==> flow/design.v <==
module my_mplex_p #(
  parameter NBITS = 2,
  parameter WAYS = 10,
  parameter LG = $clog2(WAYS)
) (
  input  wire ck,
  input  wire rst,
  input  wire en,
  input  wire [WAYS*NBITS-1:0] val_i,
  input  wire [LG-1:0] addr_i,
  output wire [NBITS-1:0] y_o
);
  reg [WAYS*NBITS-1:0] val_reg;
  reg [LG-1:0] addr_reg;
  wire [NBITS-1:0] opt [0:WAYS-1];
  genvar g;
  generate
    for (g = 0; g < WAYS; g = g + 1) begin : lane
      assign opt[g] = val_reg[g*NBITS +: NBITS];
    end
  endgenerate
  assign y_o = opt[addr_reg];
  always @(posedge ck or posedge rst) begin
    if (rst) begin
      val_reg <= 0;
      addr_reg <= 0;
    end else if (en) begin
      val_reg <= val_i;
      addr_reg <= addr_i;
    end
  end
endmodule
# --- Reports on my_mplex_p ---
# Tool output for the design above, in the order of the flow.
# Lines are those of the file above, counted from 1.
# Library cell names are shortened.
inputs:
  top_module: "my_mplex_p"
  clk_port: "ck"
  library: "sky130hd"
  pvt_corner: "tt_025C_1v80"

# --- Elaborated design ---
# Source: Yosys, flattened and elaborated. Widths are those after wreduce; folded enables and synchronous resets count as part of the registers. Registers that Yosys merges into a memory's read port (data or address) are not register bits. Print and check cells do not count. Equal cells are merged and count once.
bits:
  out_inout_bits: 2
  word_cells: 13
  in_bits: 27
  register_bits: 24
classes:
  equal: 9
  n_reduce_logical: 1
  muxes: 1
ops:
  columns: ["op", "count"]
  rows:
  - ["case mux 2 bit (select 10 bit)", 1]
  - ["equality test 4 x 3 -> 1 bit with constant B", 4]
  - ["equality test 4 x 2 -> 1 bit with constant B", 2]
  - ["equality test 4 bit with constant B", 2]
  - ["equality test 4 x 1 -> 1 bit with constant B", 1]
  - ["zero test 4 bit", 1]

# --- Longest topological paths ---
# Yosys ltp: most cells in a row. Word level: on the elaborated netlist, between registers, memories and ports. Mapped: between sequential cells and ports; inverters and the memories' decode and read muxes count.
logic_depth:
  depth_word: 2
  abc_area: 0
  ltp_mapped: 5
  depth_no_buf: 4

# --- Netlist ---
# Yosys stat after the flow's synthesis: flattened, memories mapped to cells. It holds for the ABC_AREA given above (unset counts as 0); a run with the other value may have another netlist.
# Totals and module areas in this step are rounded.
by_type:
  columns: ["type", "count", "area_total_um2"]
  rows:
  - ["dfrtp_1", 24, 600.576]
  - ["mux2_2", 22, 247.738]
  - ["buf_6", 2, 22.522]
  - ["buf_2", 4, 20.019]
  - ["mux2i_1", 2, 20.019]
  - ["o21ai_0", 4, 20.019]
  - ["o32a_1", 2, 20.019]
  - ["and4bb_4", 1, 16.266]
  - ["a2111oi_2", 1, 15.014]
  - ["a311oi_2", 1, 15.014]
  - ["nand2_1", 4, 15.014]
  - ["a31oi_1", 2, 12.512]
  - ["and4bb_1", 1, 12.512]
  - ["nor2b_1", 2, 12.512]
  - ["inv_1", 3, 11.261]
  - ["nor2_1", 3, 11.261]
  - ["a21oi_1", 2, 10.01]
  - ["and2b_4", 1, 10.01]
# Other cell types: 13; their cells: 13.
mapped:
  seqArea_um2: 600
  ff_cells: 24
  mapped_cells: 94
  area_um2: 1200

# --- Timing after synthesis ---
# Path of least setup slack by OpenSTA after synthesis, without wires, with an ideal clock, recovery checks aside; 20% of the period is set as input and as output delay. Where synthesis merged equal registers, the netlist keeps one of their names.
synth_path:
  path_kind: "flip-flop to output port"
  startpoint: "register addr_reg[3]"
  endpoint: "output y_o[0]"
  period_ps: 2040
  path_delay_ps: 1303
  driving_pins: 6
  required_time_ps: 1632
  slack_ps: 329
  arrival_ps: 1303
  n_path_buf: 1
  period_less_setup_slack_ps: 1711
# "path_delay_ps" = arrival - input delay + setup time.
# At an output port there is no setup time.
# "driving_pins" counts driving pins, that of a launching flip-flop among them; a cell with two outputs on the path counts twice.
# "period_less_setup_slack_ps" = period - worst setup slack (recovery checks aside). The figure is calculated, with input and output delays left at 20% of the set period.
# Between the ends stands the longest chain of elaborated cells between them, by number of cells; it is not shown to be the way that was timed. Of several equally long chains one is given.
# Each line given opens the expression or statement behind the cell; cells for indexed reads and writes are added by Yosys, which also makes memories of some case tables.
synth_between:
  path_cell_list: "dfrtp_1 buf_6 and4bb_4 a311oi_2 a31oi_1 o32a_1"
  elab_chain_cells: 2
  cone_cells: 11
  cone_lines: 1
synth_rtl:
  columns: ["item", "line_no", "rtl"]
  rows:
  - ["from (decl)", 14, "reg [LG-1:0] addr_reg;"]
  - ["from (assign)", 26, "addr_reg <= 0;"]
  - ["from (assign)", 29, "addr_reg <= addr_i;"]
  - ["equality test 4 bit", 22, "assign y_o = opt[addr_reg];"]
  - ["case mux 2 bit (select 10 bit)", 22, null]
  - ["to (decl)", 11, "output wire [NBITS-1:0] y_o"]

# --- Worst path after layout ---
# From the final timing report of run 1: the path of least setup slack in the routed layout; clock arrival at registers is part of the times.
# The path's times are printed in steps of 10 ps; the period is the one set.
layout_path:
  path_kind: "flip-flop to output port"
  startpoint: "register addr_reg[3]"
  endpoint: "output y_o[1]"
  required_time_ps: 2030
  period_ps: 2540
  slack_ps: -40
  n_path_buf: 2
  driving_pins: 7
  arrival_ps: 2070
# Between the ends stands the longest chain of elaborated cells between them, by number of cells; it is not shown to be the way that was timed. Of several equally long chains one is given.
layout_between:
  path_cell_list: "dfrtp_1 buf_6 inv_1 o21ai_0 and2_1 o32a_1 dlygate4sd2_1"
  elab_chain_cells: 2
  cone_cells: 11
  cone_lines: 1
layout_rtl:
  columns: ["item", "line_no", "rtl"]
  rows:
  - ["from (decl)", 14, "reg [LG-1:0] addr_reg;"]
  - ["from (assign)", 26, "addr_reg <= 0;"]
  - ["from (assign)", 29, "addr_reg <= addr_i;"]
  - ["equality test 4 bit", 22, "assign y_o = opt[addr_reg];"]
  - ["case mux 2 bit (select 10 bit)", 22, null]
  - ["to (decl)", 11, "output wire [NBITS-1:0] y_o"]

Memo
Re: implementation data of my_mplex_p

Flow measurements of my_mplex_p on sky130hd: 3 stored runs with different settings, listed in no order. Input and output delays are each 20% of the period that was set; the output load is 0.01 pF.
"period_reached_ps" = clock period - worst setup slack. The figure is calculated, with input and output delays left at 20% of the set period.
"worst_path_allowed_less_slack_ps": the worst setup path's part of the clock period (all of it between registers, 20% less for each end at a port) less its slack. A launch clock that arrives late makes it longer, a capture clock that arrives late makes it shorter.
"totalPower_uw" is the tool's figure for a default switching activity; nothing was simulated.
"worst_path_allowed_less_slack_ps" is known to 10 ps.
Results are given in rounded form.

--- run 1 ---
==> flow/run.sh <==
#!/bin/bash
# the make line also repeats the synthesis and layout settings of config.mk as NAME=value (left out here)
make -C /OpenROAD-flow-scripts/flow DESIGN_CONFIG=/design/flow/config.mk WORK_HOME=/design/flow/orfs CLKGATE_MAP_FILE= finish
==> flow/config.mk <==
export PLATFORM = sky130hd
export DESIGN_NAME = my_mplex_p
export DESIGN_NICKNAME = my_mplex_p
export VERILOG_FILES = /design/flow/design.v
export SDC_FILE = /design/flow/constraint.sdc
export NUM_CORES = 4
export LEC_CHECK = 0
export ABC_AREA = 0
export CAP_MARGIN = 20
export CELL_PAD_IN_SITES_DETAIL_PLACEMENT = 2
export CELL_PAD_IN_SITES_GLOBAL_PLACEMENT = 1
export CORE_ASPECT_RATIO = 1.61
export CORE_MARGIN = 2
export CORE_UTILIZATION = 46
export CTS_CLUSTER_SIZE = 23
export GPL_ROUTABILITY_DRIVEN = 1
export GPL_TIMING_DRIVEN = 0
export PLACE_DENSITY_LB_ADDON = 0.15
export SLEW_MARGIN = 20
export TNS_END_PERCENT = 30
==> flow/constraint.sdc <==
create_clock -name core_clock -period 2.54 [get_ports {ck}]
set_input_delay 0.5080 -clock core_clock [delete_from_list [all_inputs] [get_ports {ck}]]
set_output_delay 0.5080 -clock core_clock [all_outputs]
set_load 0.01 [all_outputs]

==> results, as YAML <==
results:
  final_die_area_um2: 3000
  finalUtil_frac: 0.66
  ws_setup_ps: -35
  period_reached_ps: 2575
  finish.stdcell_area_um2: 1600
  tns_ps: -35
  worst_path_allowed_less_slack_ps: 2070
  critical_path_kind: "flip-flop to output port"
  synth_area_um2: 1200
  totalPower_uw: 1100

--- run 2 ---
==> flow/run.sh <==
#!/bin/bash
# the make line also repeats the synthesis and layout settings of config.mk as NAME=value (left out here)
make -C /OpenROAD-flow-scripts/flow DESIGN_CONFIG=/design/flow/config.mk WORK_HOME=/design/flow/orfs CLKGATE_MAP_FILE= finish
==> flow/config.mk <==
export PLATFORM = sky130hd
export DESIGN_NAME = my_mplex_p
export DESIGN_NICKNAME = my_mplex_p
export VERILOG_FILES = /design/flow/design.v
export SDC_FILE = /design/flow/constraint.sdc
export NUM_CORES = 4
export LEC_CHECK = 0
export CAP_MARGIN = 30
export CELL_PAD_IN_SITES_GLOBAL_PLACEMENT = 2
export CORE_MARGIN = 2
export CORE_UTILIZATION = 38
export CTS_CLUSTER_DIAMETER = 357
export CTS_CLUSTER_SIZE = 38
export GPL_ROUTABILITY_DRIVEN = 1
export MIN_ROUTING_LAYER = met1
export PLACE_DENSITY = 0.5
export SLEW_MARGIN = 20
==> flow/constraint.sdc <==
create_clock -name core_clock -period 1.38 [get_ports {ck}]
set_input_delay 0.2760 -clock core_clock [delete_from_list [all_inputs] [get_ports {ck}]]
set_output_delay 0.2760 -clock core_clock [all_outputs]
set_load 0.01 [all_outputs]

==> results, as YAML <==
results:
  final_die_area_um2: 3600
  finalUtil_frac: 0.54
  ws_setup_ps: -690
  period_reached_ps: 2066
  finish.stdcell_area_um2: 1600
  tns_ps: -1400
  worst_path_allowed_less_slack_ps: 1790
  critical_path_kind: "flip-flop to output port"
  synth_area_um2: 1200
  totalPower_uw: 1500

--- run 3 ---
==> flow/run.sh <==
#!/bin/bash
# the make line also repeats the synthesis and layout settings of config.mk as NAME=value (left out here)
make -C /OpenROAD-flow-scripts/flow DESIGN_CONFIG=/design/flow/config.mk WORK_HOME=/design/flow/orfs CLKGATE_MAP_FILE= finish
==> flow/config.mk <==
export PLATFORM = sky130hd
export DESIGN_NAME = my_mplex_p
export DESIGN_NICKNAME = my_mplex_p
export VERILOG_FILES = /design/flow/design.v
export SDC_FILE = /design/flow/constraint.sdc
export NUM_CORES = 4
export LEC_CHECK = 0
export CAP_MARGIN = 20
export CORE_MARGIN = 2
export CORE_UTILIZATION = 40
export SLEW_MARGIN = 20
==> flow/constraint.sdc <==
create_clock -name core_clock -period 2.04 [get_ports {ck}]
set_input_delay 0.4080 -clock core_clock [delete_from_list [all_inputs] [get_ports {ck}]]
set_output_delay 0.4080 -clock core_clock [all_outputs]
set_load 0.01 [all_outputs]

==> results, as YAML <==
results:
  final_die_area_um2: 3400
  finalUtil_frac: 0.58
  ws_setup_ps: -220
  period_reached_ps: 2263
  finish.stdcell_area_um2: 1600
  tns_ps: -340
  worst_path_allowed_less_slack_ps: 1850
  critical_path_kind: "flip-flop to output port"
  synth_area_um2: 1200
  totalPower_uw: 1000
